==> flow/design.v <==
module cpu_sum_block #(
    parameter NBITS = 56
) (
    input wire clk_i,
    input wire [NBITS-1:0] i_x,
    input wire [NBITS-1:0] i_y,
    input wire i_cin,
    output wire [NBITS-1:0] o_sum,
    output wire o_co
);
    reg [NBITS-1:0] x_q;
    reg [NBITS-1:0] y_q;
    reg cin_q;
    always @(posedge clk_i) begin
        x_q <= i_x;
        y_q <= i_y;
        cin_q <= i_cin;
    end
    localparam NG = NBITS / 4;
    wire [NBITS-1:0] val;
    wire [NG:0] chain;
    assign chain[0] = cin_q;
    genvar gi;
    generate
        for (gi = 0; gi < NG; gi = gi + 1) begin : u_g
            la4 unit (.a(x_q[4*gi +: 4]), .b(y_q[4*gi +: 4]), .ci(chain[gi]), .s(val[4*gi +: 4]), .co(chain[gi+1]));
        end
    endgenerate
    assign o_sum = val;
    assign o_co = chain[NG];
endmodule
module la4 (
    input wire [3:0] a,
    input wire [3:0] b,
    input wire ci,
    output wire [3:0] s,
    output wire co
);
    wire [3:0] g = a & b;
    wire [3:0] p = a ^ b;
    wire c1 = g[0] | (p[0] & ci);
    wire c2 = g[1] | (p[1] & g[0]) | (p[1] & p[0] & ci);
    wire c3 = g[2] | (p[2] & g[1]) | (p[2] & p[1] & g[0]) | (p[2] & p[1] & p[0] & ci);
    assign co = g[3] | (p[3] & g[2]) | (p[3] & p[2] & g[1]) | (p[3] & p[2] & p[1] & g[0]) | (&p & ci);
    assign s = p ^ {c3, c2, c1, ci};
endmodule
## Tool chain data of cpu_sum_block

What the tools print for cpu_sum_block, step after step.
Lines are those of the file above, counted from 1.
Operators carry their Yosys type and port widths (W data, S select, Z words).
Cell names lack the library's common part.
The mark -- stands for no value.

| set-up | value |
|---|---|
| design top | cpu_sum_block |
| clock port | clk_i |
| library | sky130hd |
| library corner | tt_025C_1v80 |

## Elaborated design

Source: Yosys, flattened and elaborated, memories not mapped. Widths are those after wreduce; folded enables and synchronous resets count as part of the registers. Registers that Yosys merges into a memory's read port (data or address) are not register bits. Print and check cells do not count. Equal cells are merged and count once.

| storage and ports | value |
|---|---|
| register bits after elaboration | 113 |
| input port bits | 114 |

| cells by class | value |
|---|---|
| bitwise gates (word level) | 392 |
| reductions and logical operators | 14 |

Operators by type and width:

| kind | number |
|---|---|
| $and A1 B1 Y1 | 210 |
| $or A1 B1 Y1 | 140 |
| $xor A4 B4 Y4 | 28 |
| $and A4 B4 Y4 | 14 |
| $reduce_and A4 Y1 | 14 |

## Depth

Yosys ltp: most cells in a row. Word level: on the elaborated netlist, between registers, memories and ports. Mapped: between sequential cells and ports; inverters and the memories' decode and read muxes count.

| logic depth | value |
|---|---|
| word-level depth | 33 |
| ABC_AREA | 0 |
| gate-level depth with buffers | 13 |
| mapped depth without buffers | 12 |

## Synthesis result

Source: synth_stat.txt of the flow (Yosys; design flattened, memories mapped). It holds for the ABC_AREA given above (unset counts as 0); a run with the other value may have another netlist.

| mapped netlist | value |
|---|---|
| standard cells after synthesis | 422 |
| cell area after synthesis | 0.0047483 mm^2 |
| sequential part of the area | 0.0022622 mm^2 |
| flip-flop cells | 113 |
| buffer cells | 1 |

Cell types:

| type | number | total area (um^2) |
|---|---|---|
| dfxtp_1 | 113 | 2262.17 |
| ha_1 | 56 | 700.672 |
| fa_1 | 14 | 280.269 |
| a21o_1 | 24 | 180.173 |
| xor2_1 | 19 | 166.41 |
| xnor2_1 | 17 | 148.893 |
| a21oi_1 | 28 | 140.134 |
| nand2_1 | 19 | 71.318 |
| nor2_1 | 18 | 67.565 |
| inv_1 | 15 | 56.304 |
| o21ai_0 | 11 | 55.053 |
| nand4_1 | 7 | 43.792 |
| nor3_1 | 8 | 40.038 |
| nand2b_1 | 6 | 37.536 |
| a31oi_1 | 5 | 31.28 |
| a211oi_1 | 4 | 30.029 |
| o21bai_1 | 4 | 30.029 |
| a21oi_2 | 3 | 26.275 |

Not listed: further types 31, cells in them 51.
The figures by module come from a second, unflattened synthesis with its own total; it is not the netlist above.

| unflattened totals | value |
|---|---|
| cells (unflattened synthesis) | 351 |
| area (unflattened synthesis) | 0.0043292 mm^2 |

Each row is one instance without its submodules.

By module:

| module | times used | cells | area (mm^2) |
|---|---|---|---|
| cpu_sum_block | 1 | 113 | 0.0022622 |
| la4 | 14 | 17 | 0.0001476 |

## Path before layout

Source: OpenSTA report_checks on the synthesized netlist (no wires, ideal clock, input and output delay 20% of the period each), path of least setup slack; recovery checks are left aside. Register names are those of the netlist, which keeps one name where synthesis merged equal registers.

| timing path post-synthesis | value |
|---|---|
| path kind | register -> output |
| start | register y_q[29] |
| end | output o_sum[53] |
| period | 4.2 ns |
| data arrival time | 2.691 ns |
| data required time | 3.360 ns |
| slack | 0.669 ns |
| path delay | 2.691 ns |
| stages on the path | 13 |
| synthesis period reached | 3.531 ns |

"path delay" = arrival - input delay + setup time.
A path that ends at an output port has no setup time.
"stages on the path" counts driving pins, that of a launching flip-flop among them; a cell with two outputs on the path counts twice.
"synthesis period reached" is the clock period less the worst setup slack; recovery checks do not enter. This is arithmetic on one report: input and output delays are still those of the set period (20% each).
The rows between start and end are the longest chain of elaborated cells between them; the timing report does not say that the signal goes this way. Where chains are equally long, one stands for them.
Each line given opens the expression or statement behind the cell; cells for indexed reads and writes are added by Yosys, which also makes memories of some case tables.

| on the way, post-synthesis | value |
|---|---|
| cell sequence | dfxtp_1 > ha_1 > a21o_1 > a21o_1 > a21o_1 > a221oi_2 > o31a_1 > o21ai_1 > nor3_2 > nand2b_2 > o21bai_1 > fa_1 > xor2_1 |
| length of the longest elaborated chain | 18 |
| elaborated cells between the ends (all ways) | 23 |
| RTL lines with such cells | 5 |

Ends and longest elaborated chain, post-synthesis:

| item | RTL line | source |
|---|---|---|
| start, declared | 12 | `reg [NBITS-1:0] y_q;` |
| start, assigned | 16 | `y_q <= i_y;` |
| $and A4 B4 Y4 | 39 | `wire [3:0] g = a & b;` |
| $and A1 B1 Y1 | 44 | `assign co = g[3] \| (p[3] & g[2]) \| (p[3] & p[2] & g[1]) \| (p[3] & p[2] & p[1] & g[0]) \| (&p & ci);` |
| $or A1 B1 Y1 (3 in a row) | 44 |  |
| $and A1 B1 Y1 | 44 |  |
| $or A1 B1 Y1 | 44 |  |
| $and A1 B1 Y1 | 44 |  |
| $or A1 B1 Y1 | 44 |  |
| [2 not listed] | -- |  |
| $and A1 B1 Y1 | 44 |  |
| $or A1 B1 Y1 | 44 |  |
| $and A1 B1 Y1 | 44 |  |
| $or A1 B1 Y1 | 44 |  |
| $and A1 B1 Y1 | 41 | `wire c1 = g[0] \| (p[0] & ci);` |
| $or A1 B1 Y1 | 41 |  |
| $xor A4 B4 Y4 | 45 | `assign s = p ^ {c3, c2, c1, ci};` |
| end, declared | 8 | `output wire [NBITS-1:0] o_sum,` |

## Path in the finished layout

Path of least setup slack in the final report of entry A (OpenROAD, finished layout, wires in). Where an end is a register, its clock arrival counts in the times.

| timing path post-layout | value |
|---|---|
| path kind | register -> output |
| start | register x_q[37] |
| end | output o_co |
| period | 4.2 ns |
| data arrival time | 3.26 ns |
| data required time | 3.36 ns |
| slack | 0.10 ns |
| stages on the path | 10 |

The rows between start and end are the longest chain of elaborated cells between them; the timing report does not say that the signal goes this way. Where chains are equally long, one stands for them.

| on the way, post-layout | value |
|---|---|
| cell sequence | dfxtp_1 > ha_1 > nand4_1 > or3_1 > a21oi_2 > nor3_2 > buf_4 > nor4_2 > a211o_1 > clkdlybuf4s50_1 |
| length of the longest elaborated chain | 13 |
| elaborated cells between the ends (all ways) | 18 |
| RTL lines with such cells | 3 |

Ends and longest elaborated chain, post-layout:

| item | RTL line | source |
|---|---|---|
| start, declared | 11 | `reg [NBITS-1:0] x_q;` |
| start, assigned | 15 | `x_q <= i_x;` |
| $and A4 B4 Y4 | 39 | `wire [3:0] g = a & b;` |
| $and A1 B1 Y1 | 44 | `assign co = g[3] \| (p[3] & g[2]) \| (p[3] & p[2] & g[1]) \| (p[3] & p[2] & p[1] & g[0]) \| (&p & ci);` |
| $or A1 B1 Y1 (3 in a row) | 44 |  |
| $and A1 B1 Y1 | 44 |  |
| $or A1 B1 Y1 | 44 |  |
| $and A1 B1 Y1 | 44 |  |
| $or A1 B1 Y1 | 44 |  |
| $and A1 B1 Y1 | 44 |  |
| $or A1 B1 Y1 | 44 |  |
| $and A1 B1 Y1 | 44 |  |
| $or A1 B1 Y1 | 44 |  |
| end, declared | 9 | `output wire o_co` |

## Implementation results

Module cpu_sum_block, platform sky130hd: 3 stored runs of the flow (Yosys, OpenROAD) with differing settings, in no particular order. Input and output delays are each 20% of the period that was set; the output load is 0.01 pF.
"reached clock period" means the clock period less the worst setup slack. The figure is calculated, with input and output delays left at 20% of the set period.
By "allowed time less slack (worst setup path)" is meant the share of the clock period that the worst setup path is allowed (20% is reserved at inputs, 20% at outputs), minus its slack. Clock arrival times at its registers enter into it.
By "power" is meant OpenSTA's value without simulated activity: inputs other than the clock are taken to toggle once in ten clock periods, and the tool carries that through the logic.

#### Entry A

| setting | value |
|---|---|
| period_ns | `4.2` |
| CAP_MARGIN | `20` |
| CORE_MARGIN | `2` |
| CORE_UTILIZATION | `40` |
| SLEW_MARGIN | `20` |

| result | value |
|---|---|
| reached clock period | 4.098 ns |
| post-route utilization | 0.653 |
| worst setup slack after layout | 0.102 ns |
| post-route setup TNS | 0.000 ns |
| area of the synthesized netlist | 0.0047483 mm^2 |
| power | 0.003275 W |
| area of the die | 0.0127588 mm^2 |
| allowed time less slack (worst setup path) | 3.26 ns |
| worst path kind | register -> output |

#### Entry B

| setting | value |
|---|---|
| period_ns | `3.39` |
| CORE_UTILIZATION | `53` |
| PLACE_DENSITY | `0.53` |
| CORE_ASPECT_RATIO | `1.72` |
| CORE_MARGIN | `5` |
| CELL_PAD_IN_SITES_DETAIL_PLACEMENT | `2` |
| TNS_END_PERCENT | `10` |
| GPL_ROUTABILITY_DRIVEN | `0` |
| CTS_CLUSTER_DIAMETER | `200` |
| MIN_ROUTING_LAYER | `met1` |
| CAP_MARGIN | `20` |
| SLEW_MARGIN | `20` |

No results, placement failed with a tool error.

#### Entry C

| setting | value |
|---|---|
| period_ns | `3.83` |
| CORE_UTILIZATION | `40` |
| SETUP_SLACK_MARGIN | `0.64` |
| PLACE_DENSITY_LB_ADDON | `0.17` |
| CORE_MARGIN | `4` |
| CELL_PAD_IN_SITES_GLOBAL_PLACEMENT | `3` |
| CTS_CLUSTER_DIAMETER | `105` |
| CAP_MARGIN | `15` |
| SLEW_MARGIN | `20` |

No results, placement failed with FLW-0024.
